==> flow/design.v <==
module dp_plus_rtl #(
    parameter DATA_WIDTH = 8
) (
    input wire clk,
    input wire rst_ni,
    input wire [DATA_WIDTH-1:0] i_da,
    input wire [DATA_WIDTH-1:0] i_db,
    input wire i_cin,
    output reg [DATA_WIDTH-1:0] o_total,
    output reg o_ovf
);
    localparam GROUPS = DATA_WIDTH / 4;
    wire [DATA_WIDTH-1:0] tmp;
    wire [GROUPS:0] carry;
    assign carry[0] = i_cin;
    genvar g;
    generate
        for (g = 0; g < GROUPS; g = g + 1) begin : slice
            dp_plus_rtl_nibble el (.a(i_da[4*g +: 4]), .b(i_db[4*g +: 4]), .ci(carry[g]), .s(tmp[4*g +: 4]), .co(carry[g+1]));
        end
    endgenerate
    always @(posedge clk or negedge rst_ni) begin
        if (~rst_ni) begin
            o_total <= 0;
        end else begin
            o_total <= tmp;
        end
    end
    always @(posedge clk or negedge rst_ni) begin
        if (~rst_ni) begin
            o_ovf <= 1'b0;
        end else begin
            o_ovf <= carry[GROUPS];
        end
    end
endmodule
module dp_plus_rtl_nibble (
    input wire [3:0] a,
    input wire [3:0] b,
    input wire ci,
    output wire [3:0] s,
    output wire co
);
    wire [3:0] g = a & b;
    wire [3:0] p = a ^ b;
    wire c1 = g[0] | (p[0] & ci);
    wire c2 = g[1] | (p[1] & g[0]) | (p[1] & p[0] & ci);
    wire c3 = g[2] | (p[2] & g[1]) | (p[2] & p[1] & g[0]) | (p[2] & p[1] & p[0] & ci);
    assign co = g[3] | (p[3] & g[2]) | (p[3] & p[2] & g[1]) | (p[3] & p[2] & p[1] & g[0]) | (&p & ci);
    assign s = p ^ {c3, c2, c1, ci};
endmodule
==> reports on dp_plus_rtl <==
### From RTL to reports: dp_plus_rtl

Module dp_plus_rtl in several versions that differ in "DATA_WIDTH"; each step lists the members.
The RTL above is that of DATA_WIDTH = 8; lines are counted from 1 in the file of the member named.
Operators: Yosys type, input widths -> output width; for muxes data width and select width s.
Library cell names are shortened.
The mark - stands for no value.

| inputs | value |
|---|---|
| top | dp_plus_rtl |
| clock | clk |
| cell library | sky130hd |
| library corner | tt_025C_1v80 |

### Members of the sweep

New or changed lines of each further member against the RTL above, in its own file; lines it lacks are not shown.

New or changed lines:

| DATA_WIDTH | RTL line | source |
|---|---|---|
| 40 | 2 | `parameter DATA_WIDTH = 40` |
| 56 | 2 | `parameter DATA_WIDTH = 56` |
| 72 | 2 | `parameter DATA_WIDTH = 72` |
| 112 | 2 | `parameter DATA_WIDTH = 112` |

### Word-level counts

Yosys after proc, flatten, opt, wreduce and memory -nomap, before mapping. Enables and synchronous resets that opt folds into registers are not counted as muxes. Memory bits, and registers merged into a memory's read port (data or address), are not among the register bits. Print and check cells are not counted. Equal cells are merged and count once.

Cells by class:

| DATA_WIDTH | bitwise operators | reduce/logical cells |
|---|---|---|
| 8 | 56 | 2 |
| 40 | 280 | 10 |
| 56 | 392 | 14 |
| 72 | 504 | 18 |
| 112 | 784 | 28 |

Operators by type and width:

| DATA_WIDTH | kind and count |
|---|---|
| 8 | $and 1x1->1: 30; $or 1x1->1: 20; $xor 4x4->4: 4; $and 4x4->4: 2; $reduce_and 4->1: 2 |
| 40 | $and 1x1->1: 150; $or 1x1->1: 100; $xor 4x4->4: 20; $and 4x4->4: 10; $reduce_and 4->1: 10 |
| 56 | $and 1x1->1: 210; $or 1x1->1: 140; $xor 4x4->4: 28; $and 4x4->4: 14; $reduce_and 4->1: 14 |
| 72 | $and 1x1->1: 270; $or 1x1->1: 180; $xor 4x4->4: 36; $and 4x4->4: 18; $reduce_and 4->1: 18 |
| 112 | $and 1x1->1: 420; $or 1x1->1: 280; $xor 4x4->4: 56; $and 4x4->4: 28; $reduce_and 4->1: 28 |

Storage and ports:

| DATA_WIDTH | register bits after elaboration | output and inout bits | elaborated cells | input port bits |
|---|---|---|---|---|
| 8 | 9 | 9 | 60 | 19 |
| 40 | 41 | 41 | 292 | 83 |
| 56 | 57 | 57 | 408 | 115 |
| 72 | 73 | 73 | 524 | 147 |
| 112 | 113 | 113 | 814 | 227 |

### Logic depth

Longest topological path by Yosys (ltp), each cell counted once; first at word level (registers and memories cut), then after technology mapping (sequential cells cut; the memories' decode and read muxes count).

Logic depth:

| DATA_WIDTH | depth after elaboration | ABC_AREA | gate-level depth with buffers |
|---|---|---|---|
| 8 | 9 | 0 | 6 |
| 40 | 25 | 0 | 11 |
| 56 | 33 | 0 | 13 |
| 72 | 41 | 0 | 12 |
| 112 | 61 | 0 | 14 |

### Mapped cells and area

Yosys stat after the flow's synthesis: flattened, memories mapped to cells. It holds for the ABC_AREA given above (unset counts as 0); a run with the other value may have another netlist.

Cell types:

| DATA_WIDTH | types with counts |
|---|---|
| 8 | dfrtp_1: 9; ha_1: 8; fa_1: 2; xor2_1: 3; inv_1: 5; xnor2_1: 2; o211ai_2: 1; or2_2: 2; o41a_1: 1; nand3_1: 2; a21o_2: 1; a21oi_2: 1; o31a_1: 1; o32ai_1: 1; a211oi_1: 1; a21o_1: 1; o21a_1: 1; o21bai_1: 1; (+2) |
| 40 | dfrtp_1: 41; ha_1: 40; fa_1: 10; xnor2_1: 14; xor2_1: 13; a21oi_1: 17; a21o_1: 11; nand2_1: 15; nor2_1: 15; nand3_1: 10; inv_1: 12; o21ai_1: 8; o21bai_1: 5; and4_1: 4; nor3_1: 5; o21ai_0: 5; nor2b_1: 3; a211oi_1: 2; (+28) |
| 56 | dfrtp_1: 57; ha_1: 56; fa_1: 14; xor2_1: 19; a21o_1: 22; xnor2_1: 17; a21oi_1: 28; nand2_1: 20; nor2_1: 20; inv_1: 15; o21ai_0: 10; nand4_1: 7; nand3_1: 8; nand2b_1: 6; nor3_1: 6; o21bai_1: 4; a21oi_2: 3; a31oi_1: 4; (+51) |
| 72 | dfrtp_1: 73; ha_1: 72; fa_1: 18; xor2_1: 27; a21oi_1: 46; xnor2_1: 17; inv_1: 33; nand2_1: 27; a21o_1: 12; o21ai_0: 14; nor3_1: 13; nand4_1: 10; nor2_1: 16; o21bai_1: 8; nand2b_1: 8; o21a_1: 6; a211oi_1: 5; o31ai_2: 3; (+74) |
| 112 | dfrtp_1: 113; ha_1: 112; fa_1: 28; xor2_1: 43; a21oi_1: 72; xnor2_1: 35; a21o_1: 28; nand2_1: 50; nor2_1: 38; o21ai_0: 27; inv_1: 28; nand4_1: 15; o21bai_1: 11; nand3_1: 12; o21a_1: 8; nor3_1: 8; and4_1: 4; o21ai_1: 7; (+70) |

The mark (+n) counts cells that are not listed.

Synthesis totals:

| DATA_WIDTH | sequential area (µm²) | buffers | flip-flop cells | cell area after synthesis (µm²) | cells in the netlist |
|---|---|---|---|---|---|
| 8 | 225.2 | 0 | 9 | 546.8 | 45 |
| 40 | 1026.0 | 0 | 41 | 2757.6 | 258 |
| 56 | 1426.4 | 1 | 57 | 3907.5 | 367 |
| 72 | 1826.8 | 0 | 73 | 5117.4 | 482 |
| 112 | 2827.7 | 0 | 113 | 7637.3 | 709 |

By module: a second synthesis without flattening, with its own total; a netlist apart from the flattened one above.

Second synthesis, totals:

| DATA_WIDTH | cell total of the unflattened synthesis | area (unflattened synthesis) (µm²) |
|---|---|---|
| 8 | 43 | 520.5 |
| 40 | 211 | 2502.4 |
| 56 | 295 | 3493.4 |
| 72 | 379 | 4484.3 |
| 112 | 589 | 6961.7 |

### Timing after synthesis

Path of least setup slack by OpenSTA after synthesis, without wires, with an ideal clock, recovery checks aside; 20% of the period is set as input and as output delay. Where synthesis merged equal registers, the netlist keeps one of their names.

Timing path post-synthesis:

| DATA_WIDTH | path type | start point | end point | path delay (ns) | period (ns) | stages on the path | slack (ns) | synthesis period reached (ns) |
|---|---|---|---|---|---|---|---|---|
| 8 | input port to flip-flop | input i_da[0] | register o_total[5] | 1.492 | 2.33 | 6 | 0.371 | 1.959 |
| 40 | input port to flip-flop | input i_da[29] | register o_total[37] | 2.252 | 3.52 | 10 | 0.564 | 2.956 |
| 56 | input port to flip-flop | input i_da[29] | register o_total[53] | 2.437 | 3.81 | 12 | 0.612 | 3.198 |
| 72 | input port to flip-flop | input i_da[43] | register o_total[65] | 2.554 | 3.99 | 11 | 0.638 | 3.352 |
| 112 | input port to flip-flop | input i_da[0] | register o_total[105] | 2.846 | 4.45 | 14 | 0.714 | 3.736 |

"path delay" = arrival - input delay + setup time.
"stages on the path" counts driving pins, that of a launching flip-flop among them; a cell with two outputs on the path counts twice.
"synthesis period reached" is the clock period less the worst setup slack; recovery checks do not enter. This is arithmetic on one report: input and output delays are still those of the set period (20% each).
Between the ends stands the longest chain of elaborated cells between them, by number of cells; it is not shown to be the way that was timed. Of several equally long chains one is given.
Each line given opens the expression or statement behind the cell; cells for indexed reads and writes are added by Yosys, which also makes memories of some case tables.

| on the way, post-synthesis, DATA_WIDTH = 8 | value |
|---|---|
| length of the longest elaborated chain | 7 |

RTL lines, path post-synthesis, DATA_WIDTH = 8:

| element | RTL line | source |
|---|---|---|
| start: declaration | 6 | `input wire [DATA_WIDTH-1:0] i_da,` |
| $and 4x4->4 | 44 | `wire [3:0] g = a & b;` |
| $and 1x1->1 | 49 | `assign co = g[3] \| (p[3] & g[2]) \| (p[3] & p[2] & g[1]) \| (p[3] & p[2] & p[1] & g[0]) \| (&p & ci);` |
| $or 1x1->1 (2 in a row) | 49 |  |
| $and 1x1->1 | 46 | `wire c1 = g[0] \| (p[0] & ci);` |
| $or 1x1->1 | 46 |  |
| $xor 4x4->4 | 50 | `assign s = p ^ {c3, c2, c1, ci};` |
| end: assignment | 24 | `o_total <= 0;` |
| end: assignment | 26 | `o_total <= tmp;` |
| end: declaration | 9 | `output reg [DATA_WIDTH-1:0] o_total,` |

| on the way, post-synthesis, DATA_WIDTH = 112 | value |
|---|---|
| length of the longest elaborated chain | 57 |

RTL lines, path post-synthesis, DATA_WIDTH = 112:

| element | RTL line | source |
|---|---|---|
| start: declaration | 6 | `input wire [DATA_WIDTH-1:0] i_da,` |
| $and 4x4->4 | 44 | `wire [3:0] g = a & b;` |
| $and 1x1->1 | 49 | `assign co = g[3] \| (p[3] & g[2]) \| (p[3] & p[2] & g[1]) \| (p[3] & p[2] & p[1] & g[0]) \| (&p & ci);` |
| $or 1x1->1 (2 in a row) | 49 |  |
| $and 1x1->1 | 49 |  |
| $or 1x1->1 | 49 |  |
| $and 1x1->1 | 49 |  |
| $or 1x1->1 | 49 |  |
| [42 not listed] | - |  |
| $and 1x1->1 | 49 |  |
| $or 1x1->1 | 49 |  |
| $and 1x1->1 | 49 |  |
| $or 1x1->1 | 49 |  |
| $and 1x1->1 | 46 | `wire c1 = g[0] \| (p[0] & ci);` |
| $or 1x1->1 | 46 |  |
| $xor 4x4->4 | 50 | `assign s = p ^ {c3, c2, c1, ci};` |
| end: assignment | 24 | `o_total <= 0;` |
| end: assignment | 26 | `o_total <= tmp;` |
| end: declaration | 9 | `output reg [DATA_WIDTH-1:0] o_total,` |

### Path in the finished layout

Path of least setup slack in the final report of the run of each member (OpenROAD, finished layout, wires in). Where an end is a register, its clock arrival counts in the times.

Timing path post-layout:

| DATA_WIDTH | path type | start point | end point | path buffers | slack (ns) | data arrival time (ns) | stages on the path | period (ns) |
|---|---|---|---|---|---|---|---|---|
| 8 | input port to flip-flop | input i_da[0] | register o_total[5] | 1 | 0.16 | 2.30 | 7 | 2.33 |
| 40 | input port to flip-flop | input i_da[0] | register o_total[25] | 1 | 0.33 | 3.38 | 12 | 3.52 |
| 56 | input port to flip-flop | input i_da[13] | register o_total[53] | 1 | 0.33 | 3.70 | 13 | 3.81 |
| 72 | input port to flip-flop | input i_da[11] | register o_total[65] | 1 | 0.35 | 3.86 | 12 | 3.99 |
| 112 | input port to flip-flop | input i_da[0] | register o_total[105] | 1 | 0.33 | 4.42 | 15 | 4.45 |

### Measured runs

One run of the flow (Yosys, OpenROAD) for each member, with settings and measured results. Input and output delays are each 20% of the period that was set; the output load is 0.01 pF.

| flow settings | value |
|---|---|
| CAP_MARGIN | 20 |
| CORE_MARGIN | 2 |
| CORE_UTILIZATION | 40 |
| SLEW_MARGIN | 20 |

Settings that differ:

| DATA_WIDTH | period_ns |
|---|---|
| 8 | 2.33 |
| 40 | 3.52 |
| 56 | 3.81 |
| 72 | 3.99 |
| 112 | 4.45 |

Measured results:

| DATA_WIDTH | area inside the die boundary (µm²) | post-route utilization (%) | achieved period (ns) | chip area after synthesis (Yosys) (µm²) | setup slack of the critical path (ns) | total power of the final layout (W) |
|---|---|---|---|---|---|---|
| 8 | 1678.5 | 69.4 | 2.172 | 546.8 | 0.158 | 0.0005053 |
| 40 | 7574.2 | 63.8 | 3.192 | 2757.6 | 0.328 | 0.00172 |
| 56 | 10575.0 | 62.8 | 3.480 | 3907.5 | 0.330 | 0.002179 |
| 72 | 13714.8 | 63.7 | 3.640 | 5117.4 | 0.350 | 0.002862 |
| 112 | 20215.2 | 65.0 | 4.121 | 7637.3 | 0.329 | 0.004449 |

"achieved period" is the run's clock period less its worst setup slack. It is reckoned from that one timing run; input and output delays stay at 20% of the period that was set.
By "total power of the final layout" is meant OpenSTA's value without simulated activity: inputs other than the clock are taken to toggle once in ten clock periods, and the tool carries that through the logic.
